==> flow/design.v <==
module mul_rtl (clock, rst_i, op_a_i, op_b_i, m_o);
  parameter BITS = 12;
  parameter WB = 16;
  input clock;
  input rst_i;
  input [BITS-1:0] op_a_i;
  input [WB-1:0] op_b_i;
  output reg [BITS+WB-1:0] m_o;
  reg [BITS-1:0] op_a_d1;
  reg [WB-1:0] op_b_d1;
  always @(posedge clock or posedge rst_i) begin
    if (rst_i) begin
      op_a_d1 <= 0;
      op_b_d1 <= 0;
      m_o <= 0;
    end else begin
      op_a_d1 <= op_a_i;
      op_b_d1 <= op_b_i;
      m_o <= op_a_d1 * op_b_d1;
    end
  end
endmodule
## Step by step through the tools: mul_rtl

What the tools print for mul_rtl, step after step.
Lines are those of the file above, counted from 1.
A cell with - has no value.

| design | value |
|---|---|
| top | mul_rtl |
| clock input | clock |
| library | sky130hd |
| corner | tt_025C_1v80 |

## After elaboration

Source: Yosys, flattened and elaborated, memories not mapped. Widths are those after wreduce; folded enables and synchronous resets count as part of the registers. Registers that Yosys merges into a memory's read port (data or address) are not register bits. Print and check cells do not count. Equal cells are merged and count once.

| cells by class | value |
|---|---|
| mux-type cells | 0 |
| $mul | 1 |
| div/mod/pow operators | 0 |
| order comparisons | 0 |
| equality and inequality tests | 0 |
| reductions and logical operators | 0 |
| bitwise gates (word level) | 0 |
| add/sub/neg operators | 0 |
| shift operators | 0 |

Operators with widths:

| cell | number |
|---|---|
| multiplier 12 x 16 -> 28 bit | 1 |

| word-level totals | value |
|---|---|
| latch bits | 0 |
| memories kept | 0 |
| elaborated cells | 4 |
| RAM bits | 0 |
| bits in registers | 56 |
| clocked read ports x word width | 0 |
| ROM bits | 0 |

## Longest topological paths

Longest topological path by Yosys (ltp), each cell counted once; first at word level (registers and memories cut), then after technology mapping (sequential cells cut; the memories' decode and read muxes count).

| logic depth | value |
|---|---|
| word-level depth | 1 |
| ABC_AREA | 0 |
| gate-level depth with buffers | 20 |
| depth with buffers taken out | 18 |

## Synthesis result

Yosys stat after the flow's synthesis: flattened, memories mapped to cells. It holds for the ABC_AREA given above (unset counts as 0); a run with the other value may have another netlist.
The area totals of this step are shown rounded.

Cell types:

| cell | number |
|---|---|
| sky130_fd_sc_hd__fa_1 | 140 |
| sky130_fd_sc_hd__dfrtp_1 | 56 |
| sky130_fd_sc_hd__ha_1 | 66 |
| sky130_fd_sc_hd__inv_1 | 189 |
| sky130_fd_sc_hd__nand2_1 | 144 |
| sky130_fd_sc_hd__and2_1 | 65 |
| sky130_fd_sc_hd__a21oi_1 | 27 |
| sky130_fd_sc_hd__xnor2_1 | 15 |
| sky130_fd_sc_hd__clkbuf_1 | 30 |
| sky130_fd_sc_hd__nor2_1 | 16 |
| sky130_fd_sc_hd__a21o_1 | 7 |
| sky130_fd_sc_hd__xor2_1 | 6 |
| sky130_fd_sc_hd__o21ai_0 | 7 |
| sky130_fd_sc_hd__nand3_1 | 6 |
| sky130_fd_sc_hd__o21bai_1 | 4 |
| sky130_fd_sc_hd__clkbuf_8 | 2 |
| sky130_fd_sc_hd__o41ai_4 | 1 |
| sky130_fd_sc_hd__nor3_1 | 5 |

Not listed: further types 29, cells in them 36.

| mapped netlist | value |
|---|---|
| buffers | 33 |
| sequential area | 1400 um^2 |
| flip-flops | 56 |
| cells in the netlist | 822 |
| chip area (Yosys) | 7700 um^2 |

## Path before layout

Source: OpenSTA report_checks on the synthesized netlist (no wires, ideal clock, input and output delay 20% of the period each), path of least setup slack; recovery checks are left aside. Register names are those of the netlist, which keeps one name where synthesis merged equal registers.

| timing after synthesis | value |
|---|---|
| path kind | flip-flop to flip-flop |
| start point | register op_a_d1[3] |
| end point | register m_o[20] |
| period | 6.15 ns |
| stages on the path | 19 |
| setup slack | 1.231 ns |
| arrival time | 4.849 ns |
| setup time | 0.069 ns |
| required time | 6.081 ns |
| delay of the path | 4.918 ns |
| path buffers | 2 |
| time at the first pin | 0.000 ns |
| synthesis period reached | 4.919 ns |

"delay of the path" is the arrival time less input delay plus setup time.
"stages on the path": output pins that drive a net of the path, with the launching flip-flop's if there is one; two outputs of one cell count as two.
"synthesis period reached" = period - worst setup slack (recovery checks aside). The figure is calculated, with input and output delays left at 20% of the set period.
The rows between start and end are the longest chain of elaborated cells between them; the timing report does not say that the signal goes this way. Where chains are equally long, one stands for them.
Each line given opens the expression or statement behind the cell; cells for indexed reads and writes are added by Yosys, which also makes memories of some case tables.

| between the ends, after synthesis | value |
|---|---|
| cells stage by stage | sky130_fd_sc_hd__dfrtp_1 sky130_fd_sc_hd__clkbuf_1 sky130_fd_sc_hd__nand2_1 sky130_fd_sc_hd__fa_1 sky130_fd_sc_hd__inv_1 sky130_fd_sc_hd__fa_1 sky130_fd_sc_hd__inv_1 sky130_fd_sc_hd__fa_1 sky130_fd_sc_hd__fa_1 sky130_fd_sc_hd__fa_1 sky130_fd_sc_hd__inv_1 sky130_fd_sc_hd__ha_1 sky130_fd_sc_hd__clkbuf_8 sky130_fd_sc_hd__a21oi_1 sky130_fd_sc_hd__and2b_2 sky130_fd_sc_hd__nor2_1 sky130_fd_sc_hd__o21ai_2 sky130_fd_sc_hd__a2111o_1 sky130_fd_sc_hd__nand3_1 |
| length of the longest elaborated chain | 1 |
| elaborated cells on any way between the ends | 1 |
| those cells by class | mul (1) |

RTL lines, path after synthesis:

| what | RTL line | text |
|---|---|---|
| start, declared | 9 | `reg [BITS-1:0] op_a_d1;` |
| start, assigned | 13 | `op_a_d1 <= 0;` |
| start, assigned | 17 | `op_a_d1 <= op_a_i;` |
| multiplier 12 x 16 -> 28 bit | 19 | `m_o <= op_a_d1 * op_b_d1;` |
| end, assigned | 15 | `m_o <= 0;` |
| end, assigned | 19 |  |
| end, declared | 8 | `output reg [BITS+WB-1:0] m_o;` |

## Path in the finished layout

Path of least setup slack in the final report of entry A (OpenROAD, finished layout, wires in). Where an end is a register, its clock arrival counts in the times.

| timing after layout | value |
|---|---|
| path kind | flip-flop to flip-flop |
| start point | register op_a_d1[6] |
| end point | register m_o[26] |
| arrival time | 5.12 ns |
| required time | 3.97 ns |
| setup slack | -1.15 ns |
| time at the first pin | 0.33 ns |
| stages on the path | 18 |
| setup time | 0.10 ns |
| period | 3.75 ns |
| path buffers | 0 |

The rows between start and end are the longest chain of elaborated cells between them; the timing report does not say that the signal goes this way. Where chains are equally long, one stands for them.

| between the ends, after layout | value |
|---|---|
| cells stage by stage | sky130_fd_sc_hd__dfrtp_2 sky130_fd_sc_hd__and2_4 sky130_fd_sc_hd__fa_1 sky130_fd_sc_hd__inv_2 sky130_fd_sc_hd__fa_1 sky130_fd_sc_hd__inv_1 sky130_fd_sc_hd__fa_1 sky130_fd_sc_hd__fa_1 sky130_fd_sc_hd__inv_1 sky130_fd_sc_hd__fa_1 sky130_fd_sc_hd__inv_2 sky130_fd_sc_hd__ha_4 sky130_fd_sc_hd__nand4_1 sky130_fd_sc_hd__nor3_4 sky130_fd_sc_hd__o311ai_4 sky130_fd_sc_hd__nand2_1 sky130_fd_sc_hd__o221ai_2 sky130_fd_sc_hd__xnor2_1 |
| length of the longest elaborated chain | 1 |
| elaborated cells on any way between the ends | 1 |
| those cells by class | mul (1) |

RTL lines, path after layout:

| what | RTL line | text |
|---|---|---|
| start, declared | 9 | `reg [BITS-1:0] op_a_d1;` |
| start, assigned | 13 | `op_a_d1 <= 0;` |
| start, assigned | 17 | `op_a_d1 <= op_a_i;` |
| multiplier 12 x 16 -> 28 bit | 19 | `m_o <= op_a_d1 * op_b_d1;` |
| end, assigned | 15 | `m_o <= 0;` |
| end, assigned | 19 |  |
| end, declared | 8 | `output reg [BITS+WB-1:0] m_o;` |

# Flow runs of mul_rtl

Measured data: module mul_rtl, platform sky130hd, 3 stored runs of the flow under differing settings, order arbitrary. Input and output delays are each 20% of the period that was set; the output load is 0.01 pF.
"clock period achieved" = clock period - worst setup slack. The figure is calculated, with input and output delays left at 20% of the set period.
By "critical setup path time" is meant the share of the clock period that the worst setup path is allowed (20% is reserved at inputs, 20% at outputs), minus its slack. Clock arrival times at its registers enter into it.
The results are shown rounded.

#### Entry A

| setting | value |
|---|---|
| period_ns | `3.75` |
| CORE_UTILIZATION | `19` |
| SETUP_SLACK_MARGIN | `0.1` |
| PLACE_DENSITY_LB_ADDON | `0.03` |
| HOLD_SLACK_MARGIN | `0.11` |
| CELL_PAD_IN_SITES_DETAIL_PLACEMENT | `0` |
| GPL_ROUTABILITY_DRIVEN | `1` |
| CTS_CLUSTER_SIZE | `99` |
| CTS_CLUSTER_DIAMETER | `99` |
| MIN_ROUTING_LAYER | `met2` |
| MAX_ROUTING_LAYER | `met5` |
| CAP_MARGIN | `20` |
| CORE_MARGIN | `2` |
| SLEW_MARGIN | `20` |

| result | value |
|---|---|
| clock period achieved | 4.899 ns |
| smallest setup slack | -1.1 ns |
| critical setup path time | 4.90 ns |
| kind of the worst setup path | flip-flop to flip-flop |
| full die area | 42000 um^2 |
| sum of negative setup slack | -18 ns |
| mapped cell area after synthesis | 7700 um^2 |
| worst-case hold slack | 0.84 ns |
| final design utilization | 28% |

#### Entry B

| setting | value |
|---|---|
| period_ns | `6.15` |
| CAP_MARGIN | `20` |
| CORE_MARGIN | `2` |
| CORE_UTILIZATION | `40` |
| SLEW_MARGIN | `20` |

| result | value |
|---|---|
| clock period achieved | 5.478 ns |
| smallest setup slack | 0.67 ns |
| critical setup path time | 5.48 ns |
| kind of the worst setup path | flip-flop to flip-flop |
| full die area | 20000 um^2 |
| sum of negative setup slack | 0.000 ns |
| mapped cell area after synthesis | 7700 um^2 |
| worst-case hold slack | 0.80 ns |
| final design utilization | 46% |

#### Entry C

| setting | value |
|---|---|
| period_ns | `5.72` |
| CORE_UTILIZATION | `52` |
| SETUP_SLACK_MARGIN | `1.02` |
| PLACE_DENSITY | `0.68` |
| CORE_MARGIN | `6` |
| CELL_PAD_IN_SITES_GLOBAL_PLACEMENT | `1` |
| TNS_END_PERCENT | `80` |
| ABC_AREA | `1` |
| GPL_ROUTABILITY_DRIVEN | `0` |
| CTS_CLUSTER_DIAMETER | `85` |
| CAP_MARGIN | `20` |
| SLEW_MARGIN | `20` |

| result | value |
|---|---|
| clock period achieved | 4.593 ns |
| smallest setup slack | 1.1 ns |
| critical setup path time | 4.59 ns |
| kind of the worst setup path | flip-flop to flip-flop |
| full die area | 19000 um^2 |
| sum of negative setup slack | 0.000 ns |
| mapped cell area after synthesis | 8200 um^2 |
| worst-case hold slack | 0.66 ns |
| final design utilization | 64% |
